==> flow/design.v <==
module gen_sub_unit_mod #(
    parameter integer WD = 80
) (
    input  wire CLK,
    input  wire RST,
    input  wire [WD-1:0] arg0,
    input  wire [WD-1:0] arg1,
    output reg [WD:0] sum,
    output reg [WD:0] diff
);
    always @(posedge CLK) begin
        if (RST) begin
            sum <= 0;
            diff <= 0;
        end else begin
            sum <= arg0 + arg1;
            diff <= arg0 - arg1;
        end
    end
endmodule
; Step by step through the tools: gen_sub_unit_mod
; The steps from the RTL of gen_sub_unit_mod to its reports follow in flow order.
; Lines are those of the file above, counted from 1.
; Library cell names are shortened.
; The mark - stands for no value.
[inputs]
top = gen_sub_unit_mod
clock = CLK
lib = sky130hd
corner = tt_025C_1v80

; After elaboration
; Source: Yosys, flattened and elaborated, memories not mapped. Widths are those after wreduce; folded enables and synchronous resets count as part of the registers. Registers that Yosys merges into a memory's read port (data or address) are not register bits. Print and check cells do not count. Equal cells are merged and count once.
[bits]
reg_bits = 162
out_inout_bits = 162
word_cells = 4
inputBits = 162
[op_classes]
n_addsub = 2
[ops]
columns = cell, count
row1 = 80-bit by 80-bit adder with 81-bit output, 1
row2 = 80-bit by 80-bit subtractor with 81-bit output, 1

; Logic depth
; Depth = most cells in a row (Yosys ltp): at word level without a register or memory, in the mapped netlist without a sequential cell, where the memories' decode and read muxes count.
[depth]
ltp_word = 1
abc_area = 0
mapped_depth = 14
depth_no_buf = 13

; Synthesis result
; Yosys stat after the flow's synthesis: flattened, memories mapped to cells. It holds for the ABC_AREA given above (unset counts as 0); a run with the other value may have another netlist.
; Totals and module areas in this step are rounded.
[synth_totals]
ff_cells = 161
cells = 1969
area_um2 = 14380
n_buf = 95
[types]
columns = cell_type, count, area_total_um2
row1 = dfxtp_1, 161, 3.22E+03
row2 = ha_1, 160, 2001.92
row3 = a21oi_1, 235, 1.18E+03
row4 = nor2_1, 273, 1.02E+03
row5 = xnor2_1, 113, 989.699
row6 = inv_1, 172, 645.619
row7 = o21ai_0, 98, 490.47
row8 = o21bai_1, 64, 480.461
row9 = nand2_1, 95, 356.592
row10 = clkbuf_1, 71, 266.506
row11 = nand4_1, 42, 262.752
row12 = nor4_1, 37, 231.472
row13 = o31ai_1, 30, 225.216
row14 = a21o_1, 29, 217.709
row15 = nor3_1, 40, 200.192
row16 = nor2b_1, 29, 181.424
row17 = a211oi_1, 20, 150.144
row18 = nand3_1, 30, 150.144
; Not listed: further types 58, cells in them 270.

; Worst setup path after synthesis
; Source: OpenSTA report_checks on the synthesized netlist (no wires, ideal clock, input and output delay 20% of the period each), path of least setup slack; recovery checks are left aside. Register names are those of the netlist, which keeps one name where synthesis merged equal registers.
[synth_path]
kind = input-to-reg
from = input port arg0[0]
to = register diff[78]
period_ps = 4630
arrival_ps = 3766
slack_ps = 743
input_delay_ps = 926
driving_pins = 13
n_path_buf = 0
path_delay_ps = 2961
setup_ps = 121
t_first_pin_ps = 926
synth_period_reached_ps = 3887
; "path_delay_ps" is the arrival time less input delay plus setup time.
; "driving_pins": output pins that drive a net of the path, with the launching flip-flop's if there is one; two outputs of one cell count as two.
; "synth_period_reached_ps" = period - worst setup slack (recovery checks aside). The figure is calculated, with input and output delays left at 20% of the set period.
; Between the ends stands the longest chain of elaborated cells between them, by number of cells; it is not shown to be the way that was timed. Of several equally long chains one is given.
; A line is the first line of the expression or statement that the cell stems from. Yosys adds cells for indexed reads and writes and turns some case tables into memories.
[synth_between]
cell_sequence = inv_1 > ha_1 > fa_1 > nand2b_1 > a21oi_1 > o211ai_1 > a211oi_1 > a41o_1 > a211oi_1 > nor4_1 > o211a_1 > a41oi_1 > mux2_2
elab_chain_cells = 1
[synth_rtl]
columns = element, line
row1 = from (decl), 6  ; input  wire [WD-1:0] arg0,
row2 = 80-bit by 80-bit subtractor with 81-bit output, 17  ; diff <= arg0 - arg1;
row3 = to (assign), 14  ; diff <= 0;
row4 = to (assign), 17
row5 = to (decl), 9  ; output reg [WD:0] diff

; Path in the finished layout
; Path of least setup slack in the final report of run 1 (OpenROAD, finished layout, wires in). Where an end is a register, its clock arrival counts in the times.
; The path's times are printed in steps of 10 ps; the period is the one set.
[layout_path]
kind = input-to-reg
from = input port arg1[5]
to = register sum[72]
arrival_ps = 4700
setup_ps = 110
t_first_pin_ps = 930
slack_ps = 290
n_path_buf = 4
input_delay_ps = 930
driving_pins = 16
period_ps = 4630
; Between the ends stands the longest chain of elaborated cells between them, by number of cells; it is not shown to be the way that was timed. Of several equally long chains one is given.
[layout_between]
cell_sequence = clkdlybuf4s50_1 > inv_1 > ha_1 > nor2_1 > buf_4 > a211oi_2 > a211oi_2 > o31ai_1 > buf_4 > a211oi_1 > buf_4 > nor2_1 > o2111ai_1 > o211ai_1 > o221ai_1 > mux2_2
elab_chain_cells = 1
[layout_rtl]
columns = element, line
row1 = from (decl), 7  ; input  wire [WD-1:0] arg1,
row2 = 80-bit by 80-bit adder with 81-bit output, 16  ; sum <= arg0 + arg1;
row3 = to (assign), 13  ; sum <= 0;
row4 = to (assign), 16
row5 = to (decl), 8  ; output reg [WD:0] sum,

Ticket comment

Flow measurements of gen_sub_unit_mod on sky130hd: 3 stored runs with different settings, listed in no order. Input and output delays are each 20% of the period that was set; the output load is 0.01 pF.
"achievedPeriod_ps" is the run's clock period less its worst setup slack. It is reckoned from that one timing run; input and output delays stay at 20% of the period that was set.
"critical_path_time_ps" is the time allowed to the run's worst setup path (the clock period less input and output delay, where it has them) less its slack. Clock arrival times count: a late capture clock shortens it, a late launch clock lengthens it.
"power_total_uw" is the tool's figure for a default switching activity; nothing was simulated.
"critical_path_time_ps" is known to 10 ps.
The results are shown rounded.

# run 1
==> flow/run.sh <==
#!/bin/bash
# the make line also repeats the synthesis and layout settings of config.mk as NAME=value (left out here)
make -C /OpenROAD-flow-scripts/flow DESIGN_CONFIG=/design/flow/config.mk WORK_HOME=/design/flow/orfs CLKGATE_MAP_FILE= finish
==> flow/config.mk <==
export PLATFORM = sky130hd
export DESIGN_NAME = gen_sub_unit_mod
export DESIGN_NICKNAME = gen_sub_unit_mod
export VERILOG_FILES = /design/flow/design.v
export SDC_FILE = /design/flow/constraint.sdc
export NUM_CORES = 4
export LEC_CHECK = 0
export CAP_MARGIN = 20
export CORE_MARGIN = 2
export CORE_UTILIZATION = 40
export SLEW_MARGIN = 20
==> flow/constraint.sdc <==
create_clock -name core_clock -period 4.63 [get_ports {CLK}]
set_input_delay 0.9260 -clock core_clock [delete_from_list [all_inputs] [get_ports {CLK}]]
set_output_delay 0.9260 -clock core_clock [all_outputs]
set_load 0.01 [all_outputs]

==> run 1: results <==
yosys_chip_area_um2=14380
die_footprint_um2=37480
final_cell_area_um2=20250
finish.utilization_frac=0.571
ws_setup_ps=288
setup_tns_ps=0
worst_hold_slack_ps=1031
power_total_uw=5950
achievedPeriod_ps=4342
critical_path_time_ps=3420
critical_path_type="input-to-reg"

# run 2
==> flow/run.sh <==
#!/bin/bash
# the make line also repeats the synthesis and layout settings of config.mk as NAME=value (left out here)
make -C /OpenROAD-flow-scripts/flow DESIGN_CONFIG=/design/flow/config.mk WORK_HOME=/design/flow/orfs CLKGATE_MAP_FILE= finish
==> flow/config.mk <==
export PLATFORM = sky130hd
export DESIGN_NAME = gen_sub_unit_mod
export DESIGN_NICKNAME = gen_sub_unit_mod
export VERILOG_FILES = /design/flow/design.v
export SDC_FILE = /design/flow/constraint.sdc
export NUM_CORES = 4
export LEC_CHECK = 0
export CAP_MARGIN = 20
export CELL_PAD_IN_SITES_DETAIL_PLACEMENT = 0
export CELL_PAD_IN_SITES_GLOBAL_PLACEMENT = 2
export CORE_MARGIN = 2
export CORE_UTILIZATION = 20
export CTS_CLUSTER_SIZE = 42
export GPL_ROUTABILITY_DRIVEN = 0
export MIN_ROUTING_LAYER = met2
export PLACE_DENSITY_LB_ADDON = 0.29
export SETUP_SLACK_MARGIN = 0.42
export SLEW_MARGIN = 20
==> flow/constraint.sdc <==
create_clock -name core_clock -period 3.74 [get_ports {CLK}]
set_input_delay 0.7480 -clock core_clock [delete_from_list [all_inputs] [get_ports {CLK}]]
set_output_delay 0.7480 -clock core_clock [all_outputs]
set_load 0.01 [all_outputs]

==> run 2: results <==
yosys_chip_area_um2=14380
die_footprint_um2=74050
final_cell_area_um2=27480
finish.utilization_frac=0.385
ws_setup_ps=238
setup_tns_ps=0
worst_hold_slack_ps=523
power_total_uw=8914
achievedPeriod_ps=3502
critical_path_time_ps=2750
critical_path_type="input-to-reg"

# run 3
==> flow/run.sh <==
#!/bin/bash
# the make line also repeats the synthesis and layout settings of config.mk as NAME=value (left out here)
make -C /OpenROAD-flow-scripts/flow DESIGN_CONFIG=/design/flow/config.mk WORK_HOME=/design/flow/orfs CLKGATE_MAP_FILE= finish
==> flow/config.mk <==
export PLATFORM = sky130hd
export DESIGN_NAME = gen_sub_unit_mod
export DESIGN_NICKNAME = gen_sub_unit_mod
export VERILOG_FILES = /design/flow/design.v
export SDC_FILE = /design/flow/constraint.sdc
export NUM_CORES = 4
export LEC_CHECK = 0
export CAP_MARGIN = 20
export CELL_PAD_IN_SITES_DETAIL_PLACEMENT = 1
export CELL_PAD_IN_SITES_GLOBAL_PLACEMENT = 1
export CORE_ASPECT_RATIO = 1.71
export CORE_MARGIN = 8
export CORE_UTILIZATION = 70
export CTS_CLUSTER_DIAMETER = 283
export CTS_CLUSTER_SIZE = 74
export GPL_ROUTABILITY_DRIVEN = 1
export MIN_ROUTING_LAYER = met2
export PLACE_DENSITY = 0.83
export SETUP_SLACK_MARGIN = -0.39
export SLEW_MARGIN = 20
export TNS_END_PERCENT = 65
==> flow/constraint.sdc <==
create_clock -name core_clock -period 4.23 [get_ports {CLK}]
set_input_delay 0.8460 -clock core_clock [delete_from_list [all_inputs] [get_ports {CLK}]]
set_output_delay 0.8460 -clock core_clock [all_outputs]
set_load 0.01 [all_outputs]

==> run 3: results <==
outcome="no results, placement failed with GPL-0301"
